==> flow/design.v <==
module dp_registers_stage #(
  parameter NWORDS = 6,
  parameter DATA_WIDTH = 32,
  parameter NR = 1,
  parameter WPORTS = 2,
  parameter AW = $clog2(NWORDS)
) (
  input wire i_clk,
  input wire clr,
  input wire [WPORTS-1:0] load_in,
  input wire [WPORTS*AW-1:0] wsel_in,
  input wire [WPORTS*DATA_WIDTH-1:0] d_in,
  input wire [NR*AW-1:0] ra_in,
  output wire [NR*DATA_WIDTH-1:0] dout_out
);
  reg [DATA_WIDTH-1:0] store [NWORDS-1:0];
  integer k;
  always @(posedge i_clk) begin
    for (k = 0; k < WPORTS; k = k + 1)
      if (load_in[k]) store[wsel_in[k*AW +: AW]] <= d_in[k*DATA_WIDTH +: DATA_WIDTH];
  end
  wire [NR*DATA_WIDTH-1:0] cur;
  genvar jj;
  generate
    for (jj = 0; jj < NR; jj = jj + 1) begin : stage
      assign cur[jj*DATA_WIDTH +: DATA_WIDTH] = store[ra_in[jj*AW +: AW]];
    end
  endgenerate
  reg [NR*DATA_WIDTH-1:0] r_dout;
  assign dout_out = r_dout;
  always @(posedge i_clk or posedge clr) begin
    if (clr) begin
      r_dout <= 0;
    end else begin
      r_dout <= cur;
    end
  end
endmodule
# Step by step through the tools: dp_registers_stage
# The steps from the RTL of dp_registers_stage to its reports follow in flow order.
# Lines are those of the file above, counted from 1.
# Library cell names are shortened.
# A cell with - has no value.
# design
top_module	dp_registers_stage
clk_port	i_clk
lib	sky130hd
lib_corner	tt_025C_1v80

# Word-level counts
# Source: Yosys, flattened and elaborated, memories not mapped. Widths are those after wreduce; folded enables and synchronous resets count as part of the registers. Registers that Yosys merges into a memory's read port (data or address) are not register bits. Print and check cells do not count. Equal cells are merged and count once.
# Memory sizes are those after Yosys's memory passes, which may raise the word count (mostly to a power of two), join words into wider ones and drop unused or constant bits.
# word_totals
regBits	0
ram_bits	192
clocked_rd_ports_x_width	32
n_memories	1
out_inout_bits	32
# mem_list
memory	words	width	rd	wr	line_no	source
store	6	32	1	2	16	reg [DATA_WIDTH-1:0] store [NWORDS-1:0];
# op_classes
mux	6
# op_table
op	count
32-bit 2-to-1 mux	2
3-bit 2-to-1 mux	2
1-bit 2-to-1 mux	2

# Logic depth
# Longest topological path by Yosys (ltp), each cell counted once; first at word level (registers and memories cut), then after technology mapping (sequential cells cut; the memories' decode and read muxes count).
# logic_depth
depth_word	1
abc_area	0
mapped_depth	5
depth_no_buf	2

# Netlist
# Source: synth_stat.txt of the flow (Yosys; design flattened, memories mapped). It holds for the ABC_AREA given above (unset counts as 0); a run with the other value may have another netlist.
# by_type
cell	count	area_total_um2
edfxtp_1	192	5765.53
mux2_2	173	1.95E+03
mux2_1	83	934.646
dfrtp_1	32	800.768
mux4_2	32	720.691
buf_6	13	146.39
buf_2	14	70.067
buf_4	6	45.043
nor4b_4	1	23.773
nor4bb_1	2	20.019
a31o_2	2	17.517
nand4b_1	2	17.517
nand3b_1	2	15.014
o21bai_1	2	15.014
and4bb_2	1	12.512
clkbuf_1	3	11.261
inv_1	3	11.261
o21ai_0	2	10.01
nor2_1	1	3.754
# synth_totals
mapped_cells	566
mapped_area_um2	10588.9
seq_area_um2	6566.3
ff_cells	224
n_buf	36

# Path before layout
# Path of least setup slack by OpenSTA after synthesis, without wires, with an ideal clock, recovery checks aside; 20% of the period is set as input and as output delay. Where synthesis merged equal registers, the netlist keeps one of their names.
# synth_path
kind	input-to-reg
from	input port wsel_in[1]
to	memory store[5][0]
period_ps	4560
setup_time_ps	466
launch_ps	912
arrival_time_ps	3364
t_required_ps	4094
setup_slack_ps	731
path_delay_ps	2918
path_stages	2
synth_period_reached_ps	3829
# "path_delay_ps" = arrival - input delay + setup time.
# "path_stages" counts driving pins, that of a launching flip-flop among them; a cell with two outputs on the path counts twice.
# "synth_period_reached_ps" = period - worst setup slack (recovery checks aside). The figure is calculated, with input and output delays left at 20% of the set period.
# The rows between start and end are the longest chain of elaborated cells between them; the timing report does not say that the signal goes this way. Where chains are equally long, one stands for them.
# A line is the first line of the expression or statement that the cell stems from. Yosys adds cells for indexed reads and writes and turns some case tables into memories.
# synth_via
path_cell_list	nand3b_1 o21ai_0
elab_chain_len	1
# synth_rtl
element	line_no	source
start, declared	11	input wire [WPORTS*AW-1:0] wsel_in,
3-bit 2-to-1 mux	20	if (load_in[k]) store[wsel_in[k*AW +: AW]] <= d_in[k*DATA_WIDTH +: DATA_WIDTH];
end, declared	16	reg [DATA_WIDTH-1:0] store [NWORDS-1:0];

# Timing after layout
# From the final timing report of entry A: the path of least setup slack in the routed layout; clock arrival at registers is part of the times.
# The path's times are printed in steps of 10 ps; the period is the one set.
# layout_path
kind	input-to-reg
from	input port wsel_in[3]
to	memory store[1][7]
period_ps	3120
setup_time_ps	250
launch_ps	620
arrival_time_ps	2430
t_required_ps	3370
setup_slack_ps	930
path_stages	4
# The rows between start and end are the longest chain of elaborated cells between them; the timing report does not say that the signal goes this way. Where chains are equally long, one stands for them.
# layout_via
path_cell_list	clkdlybuf4s50_1 nor4bb_4 buf_4 mux2_2
elab_chain_len	1
# layout_rtl
element	line_no	source
start, declared	11	input wire [WPORTS*AW-1:0] wsel_in,
3-bit 2-to-1 mux	20	if (load_in[k]) store[wsel_in[k*AW +: AW]] <= d_in[k*DATA_WIDTH +: DATA_WIDTH];
end, declared	16	reg [DATA_WIDTH-1:0] store [NWORDS-1:0];

Flow measurements of dp_registers_stage on sky130hd: 3 stored runs with different settings, listed in no order. Input and output delays are each 20% of the period that was set; the output load is 0.01 pF.
By "achieved_period_ps" is meant the clock period of the run minus its worst setup slack. This is arithmetic on one report: input and output delays are still those of the set period (20% each).
"total_power_mw" rests on the timing tool's default activity at the inputs, not on a simulated workload.

Entry A, flow files:
==> flow/run.sh <==
#!/bin/bash
# the make line also repeats the synthesis and layout settings of config.mk as NAME=value (left out here)
make -C /OpenROAD-flow-scripts/flow DESIGN_CONFIG=/design/flow/config.mk WORK_HOME=/design/flow/orfs CLKGATE_MAP_FILE= finish
==> flow/config.mk <==
export PLATFORM = sky130hd
export DESIGN_NAME = dp_registers_stage
export DESIGN_NICKNAME = dp_registers_stage
export VERILOG_FILES = /design/flow/design.v
export SDC_FILE = /design/flow/constraint.sdc
export NUM_CORES = 4
export LEC_CHECK = 0
export CAP_MARGIN = 25
export CORE_MARGIN = 6
export CORE_UTILIZATION = 45
export PLACE_DENSITY_LB_ADDON = 0.09
export SLEW_MARGIN = 20
export TNS_END_PERCENT = 100
==> flow/constraint.sdc <==
create_clock -name core_clock -period 3.12 [get_ports {i_clk}]
set_input_delay 0.6240 -clock core_clock [delete_from_list [all_inputs] [get_ports {i_clk}]]
set_output_delay 0.6240 -clock core_clock [all_outputs]
set_load 0.01 [all_outputs]

==> results of entry A, as CSV <==
result,value
yosys.chip_area_um2,10588.9
total_die_area_um2,27355.5
utilization_pct,56.4
setup_ws_ps,935
worst_hold_slack_ps,561
total_power_mw,6.946
achieved_period_ps,2185

Entry B, flow files:
==> flow/run.sh <==
#!/bin/bash
# the make line also repeats the synthesis and layout settings of config.mk as NAME=value (left out here)
make -C /OpenROAD-flow-scripts/flow DESIGN_CONFIG=/design/flow/config.mk WORK_HOME=/design/flow/orfs CLKGATE_MAP_FILE= finish
==> flow/config.mk <==
export PLATFORM = sky130hd
export DESIGN_NAME = dp_registers_stage
export DESIGN_NICKNAME = dp_registers_stage
export VERILOG_FILES = /design/flow/design.v
export SDC_FILE = /design/flow/constraint.sdc
export NUM_CORES = 4
export LEC_CHECK = 0
export CAP_MARGIN = 20
export CORE_MARGIN = 2
export CORE_UTILIZATION = 40
export SLEW_MARGIN = 20
==> flow/constraint.sdc <==
create_clock -name core_clock -period 4.56 [get_ports {i_clk}]
set_input_delay 0.9120 -clock core_clock [delete_from_list [all_inputs] [get_ports {i_clk}]]
set_output_delay 0.9120 -clock core_clock [all_outputs]
set_load 0.01 [all_outputs]

==> results of entry B, as CSV <==
result,value
yosys.chip_area_um2,10588.9
total_die_area_um2,27788.9
utilization_pct,49.1
setup_ws_ps,1761
worst_hold_slack_ps,559
total_power_mw,4.885
achieved_period_ps,2799

Entry C, flow files:
==> flow/run.sh <==
#!/bin/bash
# the make line also repeats the synthesis and layout settings of config.mk as NAME=value (left out here)
make -C /OpenROAD-flow-scripts/flow DESIGN_CONFIG=/design/flow/config.mk WORK_HOME=/design/flow/orfs CLKGATE_MAP_FILE= finish
==> flow/config.mk <==
export PLATFORM = sky130hd
export DESIGN_NAME = dp_registers_stage
export DESIGN_NICKNAME = dp_registers_stage
export VERILOG_FILES = /design/flow/design.v
export SDC_FILE = /design/flow/constraint.sdc
export NUM_CORES = 4
export LEC_CHECK = 0
export CAP_MARGIN = 20
export CORE_MARGIN = 2
export CORE_UTILIZATION = 25
export GPL_TIMING_DRIVEN = 1
export SLEW_MARGIN = 5
export TNS_END_PERCENT = 60
==> flow/constraint.sdc <==
create_clock -name core_clock -period 6.49 [get_ports {i_clk}]
set_input_delay 1.2980 -clock core_clock [delete_from_list [all_inputs] [get_ports {i_clk}]]
set_output_delay 1.2980 -clock core_clock [all_outputs]
set_load 0.01 [all_outputs]

==> results of entry C, as CSV <==
result,value
yosys.chip_area_um2,10588.9
total_die_area_um2,44018.1
utilization_pct,31.1
setup_ws_ps,2911
worst_hold_slack_ps,549
total_power_mw,3.422
achieved_period_ps,3579
